==> flow/design.v <==
module core_mag_cmp_top #(
    parameter XLEN = 7
) (
    input  wire clk,
    input  wire aresetn,
    input  wire [XLEN-1:0] src1,
    input  wire [XLEN-1:0] src2,
    output reg [XLEN-1:0] min_o,
    output reg [XLEN-1:0] mx
);
    wire val = src1 < src2;
    always @(posedge clk or negedge aresetn) begin
        if (!aresetn) begin
            min_o <= 0;
            mx <= 0;
        end else begin
            min_o <= val ? src1 : src2;
            mx <= val ? src2 : src1;
        end
    end
endmodule
# Tool chain data of core_mag_cmp_top
# A sweep over "XLEN": the same steps for each member of the family.
# The RTL above is that of XLEN=7; lines are counted from 1 in the file of the member named.
# Library cell names are shortened.
# The mark n/a stands for no value.
[design]
design = "core_mag_cmp_top"
clock = "clk"
cell_library = "sky130hd"
corner = "tt_025C_1v80"

# Members of the sweep
# Lines of each other member's file that are new or changed against the file above; lines that a member lacks are not shown.
[changed_lines]
columns = ["XLEN", "line", "text"]
rows = [
  [8, 2, "parameter XLEN = 8"],
  [10, 2, "parameter XLEN = 10"],
  [36, 2, "parameter XLEN = 36"],
  [112, 2, "parameter XLEN = 112"],
]

# After elaboration
# Source: Yosys, flattened and elaborated, memories not mapped. Widths are those after wreduce; folded enables and synchronous resets count as part of the registers. Registers that Yosys merges into a memory's read port (data or address) are not register bits. Print and check cells do not count. Equal cells are merged and count once.
[word_totals]
columns = ["XLEN", "ff_bits", "elab_cells", "input_bits"]
rows = [
  [7, 14, 5, 16],
  [8, 16, 5, 18],
  [10, 20, 5, 22],
  [36, 72, 5, 74],
  [112, 224, 5, 226],
]
[classes]
columns = ["XLEN", "n_cmp", "mux"]
rows = [
  [7, 1, 2],
  [8, 1, 2],
  [10, 1, 2],
  [36, 1, 2],
  [112, 1, 2],
]
[op_table]
columns = ["XLEN", "op_list"]
rows = [
  [7, "two-way mux 7 bit: 2; less-than comparator 7 bit: 1"],
  [8, "two-way mux 8 bit: 2; less-than comparator 8 bit: 1"],
  [10, "two-way mux 10 bit: 2; less-than comparator 10 bit: 1"],
  [36, "two-way mux 36 bit: 2; less-than comparator 36 bit: 1"],
  [112, "two-way mux 112 bit: 2; less-than comparator 112 bit: 1"],
]

# Logic depth
# Longest topological path by Yosys (ltp), each cell counted once; first at word level (registers and memories cut), then after technology mapping (sequential cells cut; the memories' decode and read muxes count).
[logic_depth]
columns = ["XLEN", "ltp_word", "abc_area", "mapped_depth", "depth_no_buf"]
rows = [
  [7, 2, 0, 7, 6],
  [8, 2, 0, 7, 6],
  [10, 2, 0, 8, 7],
  [36, 2, 0, 9, 8],
  [112, 2, 0, 11, 9],
]

# Synthesis result
# Source: synth_stat.txt of the flow (Yosys; design flattened, memories mapped). It holds for the ABC_AREA given above (unset counts as 0); a run with the other value may have another netlist.
[types]
columns = ["XLEN", "cell_types"]
rows = [
  [7, "dfrtp_1: 14; mux2_2: 11; ha_1: 6; mux2_1: 3; inv_1: 6; a21oi_1: 3; buf_6: 1; nand2_1: 3; a21oi_2: 1; nor2b_1: 1; o21ai_0: 1; o21ai_1: 1; nor2_1: 1"],
  [8, "dfrtp_1: 16; mux2_4: 10; ha_1: 7; mux2_2: 6; inv_1: 8; a211oi_4: 1; buf_12: 1; a2111o_1: 1; o21ai_0: 2; a211oi_1: 1; nand2b_1: 1; nand4_1: 1; a21oi_1: 1; nor2_1: 1"],
  [10, "dfrtp_1: 20; mux2_2: 19; ha_1: 9; inv_1: 9; buf_6: 2; a211oi_2: 1; nor4_2: 1; mux2_1: 1; a41oi_1: 1; a211oi_1: 1; a21o_1: 1; nor3b_1: 1; nand2b_1: 1; nand4_1: 1; a21oi_1: 1; nor3_1: 1; o21ai_0: 1; nor2_1: 1"],
  [36, "dfrtp_1: 72; mux2_4: 70; ha_1: 35; inv_1: 35; a21oi_1: 17; buf_6: 7; nand2_1: 11; nand4_1: 5; o21ai_0: 6; a221oi_4: 1; mux2_2: 2; and4bb_2: 1; a221o_1: 1; and4_2: 1; a211o_1: 1; and4_1: 1; a211oi_1: 1; a21o_1: 1; [+9]"],
  [112, "dfrtp_1: 224; mux2_1: 160; ha_1: 111; mux2_2: 64; inv_1: 115; a21oi_1: 40; buf_6: 17; nand2_1: 31; nand4_1: 16; a21o_1: 10; o21ai_0: 15; a221oi_1: 8; and4_1: 6; buf_4: 6; nand3_1: 9; o31ai_1: 4; a221o_1: 2; nor3_1: 4; [+23]"],
]
# The mark [+n] counts cells that are not listed.
[mapped]
columns = ["XLEN", "mapped_area_um2", "ffs", "buf_cells", "cells"]
rows = [
  [7, 671.9, 14, 1, 52],
  [8, 825.8, 16, 1, 57],
  [10, 982.2, 20, 2, 72],
  [36, 3852.4, 72, 7, 277],
  [112, 11160.7, 224, 24, 865],
]

# Timing after synthesis
# Path of least setup slack by OpenSTA after synthesis, without wires, with an ideal clock, recovery checks aside; 20% of the period is set as input and as output delay. Where synthesis merged equal registers, the netlist keeps one of their names.
[synth_timing]
columns = ["XLEN", "kind", "from", "to", "path_delay_ps", "path_stages", "setup_slack_ps", "period_ps", "synth_period_reached_ps"]
rows = [
  [7, "input to register", "input port src2[2]", "register min_o[2]", 1367, 7, 346, 2140, 1794],
  [8, "input to register", "input port src2[1]", "register min_o[4]", 1671, 6, 417, 2610, 2193],
  [10, "input to register", "input port src2[7]", "register min_o[8]", 1543, 7, 385, 2410, 2025],
  [36, "input to register", "input port src2[11]", "register min_o[0]", 2267, 9, 565, 3540, 2975],
  [112, "input to register", "input port src2[14]", "register mx[100]", 2420, 11, 604, 3780, 3176],
]
# "path_delay_ps" is the arrival time less input delay plus setup time.
# "path_stages" counts driving pins, that of a launching flip-flop among them; a cell with two outputs on the path counts twice.
# "synth_period_reached_ps" is the clock period less the worst setup slack; recovery checks do not enter. This is arithmetic on one report: input and output delays are still those of the set period (20% each).
# Between the ends stands the longest chain of elaborated cells between them, by number of cells; it is not shown to be the way that was timed. Of several equally long chains one is given.
# A line is the first line of the expression or statement that the cell stems from. Yosys adds cells for indexed reads and writes and turns some case tables into memories.
[synth_via_XLEN_7]
elab_chain_len = 2
[synth_rtl_XLEN_7]
columns = ["element", "line", "text"]
rows = [
  ["from (decl)", 7, "input  wire [XLEN-1:0] src2,"],
  ["less-than comparator 7 bit", 11, "wire val = src1 < src2;"],
  ["two-way mux 7 bit", 17, "min_o <= val ? src1 : src2;"],
  ["to (assign)", 14, "min_o <= 0;"],
  ["to (assign)", 17, ""],
  ["to (decl)", 8, "output reg [XLEN-1:0] min_o,"],
]
[synth_via_XLEN_112]
elab_chain_len = 2
[synth_rtl_XLEN_112]
columns = ["element", "line", "text"]
rows = [
  ["from (decl)", 7, "input  wire [XLEN-1:0] src2,"],
  ["less-than comparator 112 bit", 11, "wire val = src1 < src2;"],
  ["two-way mux 112 bit", 18, "mx <= val ? src2 : src1;"],
  ["to (assign)", 15, "mx <= 0;"],
  ["to (assign)", 18, ""],
  ["to (decl)", 9, "output reg [XLEN-1:0] mx"],
]

# Timing after layout
# From the final timing report of each member's run: the path of least setup slack in the routed layout; clock arrival at registers is part of the times.
# The path's times are printed in steps of 10 ps; the period is the one set.
[layout_timing]
columns = ["XLEN", "kind", "from", "to", "period_ps", "arrival_time_ps", "setup_slack_ps", "path_stages", "path_buffers"]
rows = [
  [7, "input to register", "input port src2[6]", "register mx[6]", 2140, 2160, 130, 8, 2],
  [8, "input to register", "input port src2[1]", "register min_o[7]", 2610, 2480, 290, 7, 2],
  [10, "input to register", "input port src2[4]", "register mx[1]", 2410, 2540, 70, 10, 4],
  [36, "input to register", "input port src2[18]", "register min_o[29]", 3540, 3410, 350, 11, 3],
  [112, "input to register", "input port src2[13]", "register min_o[70]", 3780, 3990, 190, 12, 3],
]

# Measured runs
# Settings and results of one run of the flow (Yosys, OpenROAD) for each member follow. The constraints put input and output delay at 20% of the set period each and load the outputs with 0.01 pF.
[flow_settings]
CAP_MARGIN = 20
CORE_MARGIN = 2
CORE_UTILIZATION = 40
SLEW_MARGIN = 20
[settings_diff]
columns = ["XLEN", "period_ns"]
rows = [
  [7, 2.14],
  [8, 2.61],
  [10, 2.41],
  [36, 3.54],
  [112, 3.78],
]
[results]
columns = ["XLEN", "synthArea_um2", "setup_tns_ps", "finalUtil_pct", "die_area_um2", "stdcell_area_um2", "power_total_uw", "period_less_ws_ps", "final_setup_ws_ps"]
rows = [
  [7, 671.9, 0, 66.9, 2023.7, 1031.0, 638.1, 2006, 134],
  [8, 825.8, 0, 61.9, 2443.8, 1214.9, 603.1, 2323, 287],
  [10, 982.2, 0, 69.4, 2867.6, 1580.3, 820.4, 2336, 74],
  [36, 3852.4, 0, 61.9, 10432.6, 5748.0, 2309, 3193, 347],
  [112, 11160.7, 0, 63.8, 29254.7, 17631.9, 7346, 3589, 191],
]
# "period_less_ws_ps" = clock period - worst setup slack. The figure is calculated, with input and output delays left at 20% of the set period.
# "power_total_uw" is the tool's figure for a default switching activity; nothing was simulated.
